==> flow/design.v <==
module adder_v2 #(
  parameter int BITS = 10,
  parameter int N = 24,
  parameter int OUT_W = BITS + $clog2(N)
) (
  input logic i_clk,
  input logic i_rst_n,
  input logic [N*BITS-1:0] d,
  output logic [OUT_W-1:0] o
);
  logic [N*BITS-1:0] r_d;
  wire [OUT_W-1:0] lvl [1:2*N-1];
  for (genvar gi = 0; gi < N; gi++) begin : stage
    assign lvl[N+gi] = r_d[gi*BITS +: BITS];
  end
  for (genvar gi = 1; gi < N; gi++) begin : lane
    assign lvl[gi] = lvl[2*gi] + lvl[2*gi+1];
  end
  assign o = lvl[1];
  always_ff @(posedge i_clk) begin
    if (!i_rst_n) begin
      r_d <= '0;
    end else begin
      r_d <= d;
    end
  end
endmodule
## Tool chain data of adder_v2

The steps from the RTL of adder_v2 to its reports follow in flow order.
Line numbers count from 1 in the design file above.
Operators: Yosys type, input widths -> output width; for muxes data width and select width s.
Library cell names are shortened.
Not given: n/a

| set-up | value |
|---|---|
| top | adder_v2 |
| clock input | i_clk |
| standard-cell library | sky130hd |
| corner | tt_025C_1v80 |

## After elaboration

Yosys after proc, flatten, opt, wreduce and memory -nomap, before mapping. Enables and synchronous resets that opt folds into registers are not counted as muxes. Print and check cells are not counted. Equal cells are merged and count once.

| word-level totals | value |
|---|---|
| input port bits | 242 |
| output and inout bits | 15 |
| flip-flop bits (word level) | 240 |

| cells by class | value |
|---|---|
| add/subtract/negate cells | 23 |

Operators with widths:

| operator | count |
|---|---|
| $add 15x15->15 | 11 |
| $add 10x10->11 | 12 |

## Longest topological paths

Depth = most cells in a row (Yosys ltp): at word level without a register or memory, in the mapped netlist without a sequential cell, where the memories' decode and read muxes count.

| depth | value |
|---|---|
| depth after elaboration | 5 |
| ABC_AREA | 0 |
| mapped depth | 24 |
| gate-level depth less buffers | 23 |

## Netlist

Yosys stat after the flow's synthesis: flattened, memories mapped to cells. It holds for the ABC_AREA given above (unset counts as 0); a run with the other value may have another netlist.

Cell types:

| type | count | total area (µm²) |
|---|---|---|
| dfxtp_1 | 240 | 4.8E+03 |
| fa_1 | 119 | 2.38E+03 |
| ha_1 | 140 | 1751.68 |
| and2_1 | 244 | 1.53E+03 |
| inv_1 | 143 | 536.765 |
| xnor2_1 | 56 | 490.47 |
| a21oi_1 | 91 | 455.437 |
| xor2_1 | 45 | 394.128 |
| a21o_1 | 36 | 270.259 |
| nor2_1 | 47 | 176.419 |
| nand3_1 | 34 | 170.163 |
| a2111oi_4 | 5 | 137.632 |
| o21ai_0 | 25 | 125.12 |
| clkbuf_1 | 29 | 108.854 |
| nor2b_1 | 17 | 106.352 |
| nand2_1 | 28 | 105.101 |
| o2111ai_1 | 12 | 105.101 |
| and3_1 | 15 | 93.84 |

Not listed: further types 33, cells in them 80.

| mapped netlist | value |
|---|---|
| mapped area | 0.0144051 mm² |
| cell count | 1406 |
| buffers | 29 |
| flip-flops | 240 |

## Timing after synthesis

OpenSTA on the mapped netlist: ideal clock, no wires. The path of least setup slack (recovery checks aside). Input and output delay are each 20% of the period. Register names are those of the netlist, which keeps one name where synthesis merged equal registers.

| timing path after synthesis | value |
|---|---|
| kind | reg2out |
| start point | register r_d[140] |
| end point | output port o[14] |
| data arrival time | 5.740 ns |
| clock period | 8.97 ns |
| time at the first pin | 0.000 ns |
| output delay | 1.794 ns |
| buffers on the path | 0 |
| delay of the path | 5.740 ns |
| path slack | 1.436 ns |
| stages on the path | 22 |
| data required time | 7.176 ns |
| period reached after synthesis | 7.534 ns |

"delay of the path" is the arrival time less input delay plus setup time.
A path that ends at an output port has no setup time.
"stages on the path" counts driving pins, that of a launching flip-flop among them; a cell with two outputs on the path counts twice.
"period reached after synthesis" = period - worst setup slack (recovery checks aside). The figure is calculated, with input and output delays left at 20% of the set period.
The rows between start and end are the longest chain of elaborated cells between them; the timing report does not say that the signal goes this way. Where chains are equally long, one stands for them.
A line is the first line of the expression or statement that the cell stems from. Yosys adds cells for indexed reads and writes and turns some case tables into memories.

| on the way, after synthesis | value |
|---|---|
| cells stage by stage | dfxtp_1 ha_1 fa_1 a21o_1 a2111oi_4 o21bai_2 a21oi_2 xor2_1 fa_1 fa_1 inv_1 fa_1 fa_1 inv_1 fa_1 inv_1 ha_1 or3_4 o22a_1 o31ai_4 o21ai_1 a21o_1 |
| length of the longest elaborated chain | 5 |
| elaborated cells between the ends (all ways) | 5 |

RTL lines, path after synthesis:

| item | line | text |
|---|---|---|
| from (decl) | 11 | `logic [N*BITS-1:0] r_d;` |
| from (assign) | 22 | `r_d <= '0;` |
| from (assign) | 24 | `r_d <= d;` |
| $add 10x10->11 | 17 | `assign lvl[gi] = lvl[2*gi] + lvl[2*gi+1];` |
| $add 15x15->15 x4 | 17 |  |
| to (decl) | 9 | `output logic [OUT_W-1:0] o` |

## Worst path after layout

From the final timing report of entry A: the path of least setup slack in the routed layout; clock arrival at registers is part of the times.

| timing path post-layout | value |
|---|---|
| kind | reg2out |
| start point | register r_d[160] |
| end point | output port o[12] |
| buffers on the path | 2 |
| clock period | 8.97 ns |
| data required time | 7.18 ns |
| data arrival time | 6.79 ns |
| output delay | 1.79 ns |
| time at the first pin | 0.54 ns |
| stages on the path | 24 |
| path slack | 0.38 ns |

The rows between start and end are the longest chain of elaborated cells between them; the timing report does not say that the signal goes this way. Where chains are equally long, one stands for them.

| on the way, post-layout | value |
|---|---|
| cells stage by stage | dfxtp_1 ha_1 fa_1 a21o_1 a2111oi_4 o21bai_2 a21oi_2 xor2_2 fa_1 fa_1 inv_1 fa_1 fa_1 inv_1 fa_1 inv_1 ha_1 or3_4 o22a_1 o31ai_4 nand3_1 o311ai_0 buf_4 clkbuf_2 |
| length of the longest elaborated chain | 5 |
| elaborated cells between the ends (all ways) | 5 |

RTL lines, path post-layout:

| item | line | text |
|---|---|---|
| from (decl) | 11 | `logic [N*BITS-1:0] r_d;` |
| from (assign) | 22 | `r_d <= '0;` |
| from (assign) | 24 | `r_d <= d;` |
| $add 10x10->11 | 17 | `assign lvl[gi] = lvl[2*gi] + lvl[2*gi+1];` |
| $add 15x15->15 x4 | 17 |  |
| to (decl) | 9 | `output logic [OUT_W-1:0] o` |

==> runs of adder_v2 <==
Measured data: module adder_v2, platform sky130hd, 3 stored runs of the flow under differing settings, order arbitrary. Input and output delays are each 20% of the period that was set; the output load is 0.01 pF.
"period achieved" is the run's clock period less its worst setup slack. It is reckoned from that one timing run; input and output delays stay at 20% of the period that was set.
"critical path time": the worst setup path's part of the clock period (all of it between registers, 20% less for each end at a port) less its slack. A launch clock that arrives late makes it longer, a capture clock that arrives late makes it shorter.
A setting shown as . is not set for that run.
Among the results, . means that no value is shown for the run.

| run | period_ns | CAP_MARGIN | CORE_MARGIN | CORE_UTILIZATION | SLEW_MARGIN | SETUP_SLACK_MARGIN | PLACE_DENSITY_LB_ADDON | CELL_PAD_IN_SITES_DETAIL_PLACEMENT | ABC_AREA | GPL_TIMING_DRIVEN | GPL_ROUTABILITY_DRIVEN | CTS_CLUSTER_SIZE | PLACE_DENSITY | CELL_PAD_IN_SITES_GLOBAL_PLACEMENT | MAX_ROUTING_LAYER | cell area after synthesis (mm²) | setup slack of the worst path (ns) | setup TNS (ns) | worst hold slack after layout (ns) | standard-cell area after layout (mm²) | full die area (mm²) | period achieved (ns) | critical path time (ns) | class of the worst setup path | utilization after layout (%) |
|---|---|---|---|---|---|---|---|---|---|---|---|---|---|---|---|---|---|---|---|---|---|---|---|---|---|
| entry A | 8.97 | 20 | 2 | 40 | 20 | . | . | . | . | . | . | . | . | . | . | 0.0144051 | 0.381 | 0.000 | 1.826 | 0.0184427 | 0.0375468 | 8.589 | 6.79 | reg2out | 52.0 |
| entry B | 5.85 | 20 | 2 | 56 | 15 | -0.46 | 0.16 | 1 | 0 | 1 | 0 | 54 | . | . | . | . | . | . | . | . | . | . | . | . | . |
| entry C | 4.79 | 20 | 2 | 46 | 30 | . | . | 0 | . | . | . | 53 | 0.7 | 3 | met4 | . | . | . | . | . | . | . | . | . | . |

Entry B: did not finish, placement stopped with DPL-0033
Entry C: did not finish, placement stopped with GPL-0301
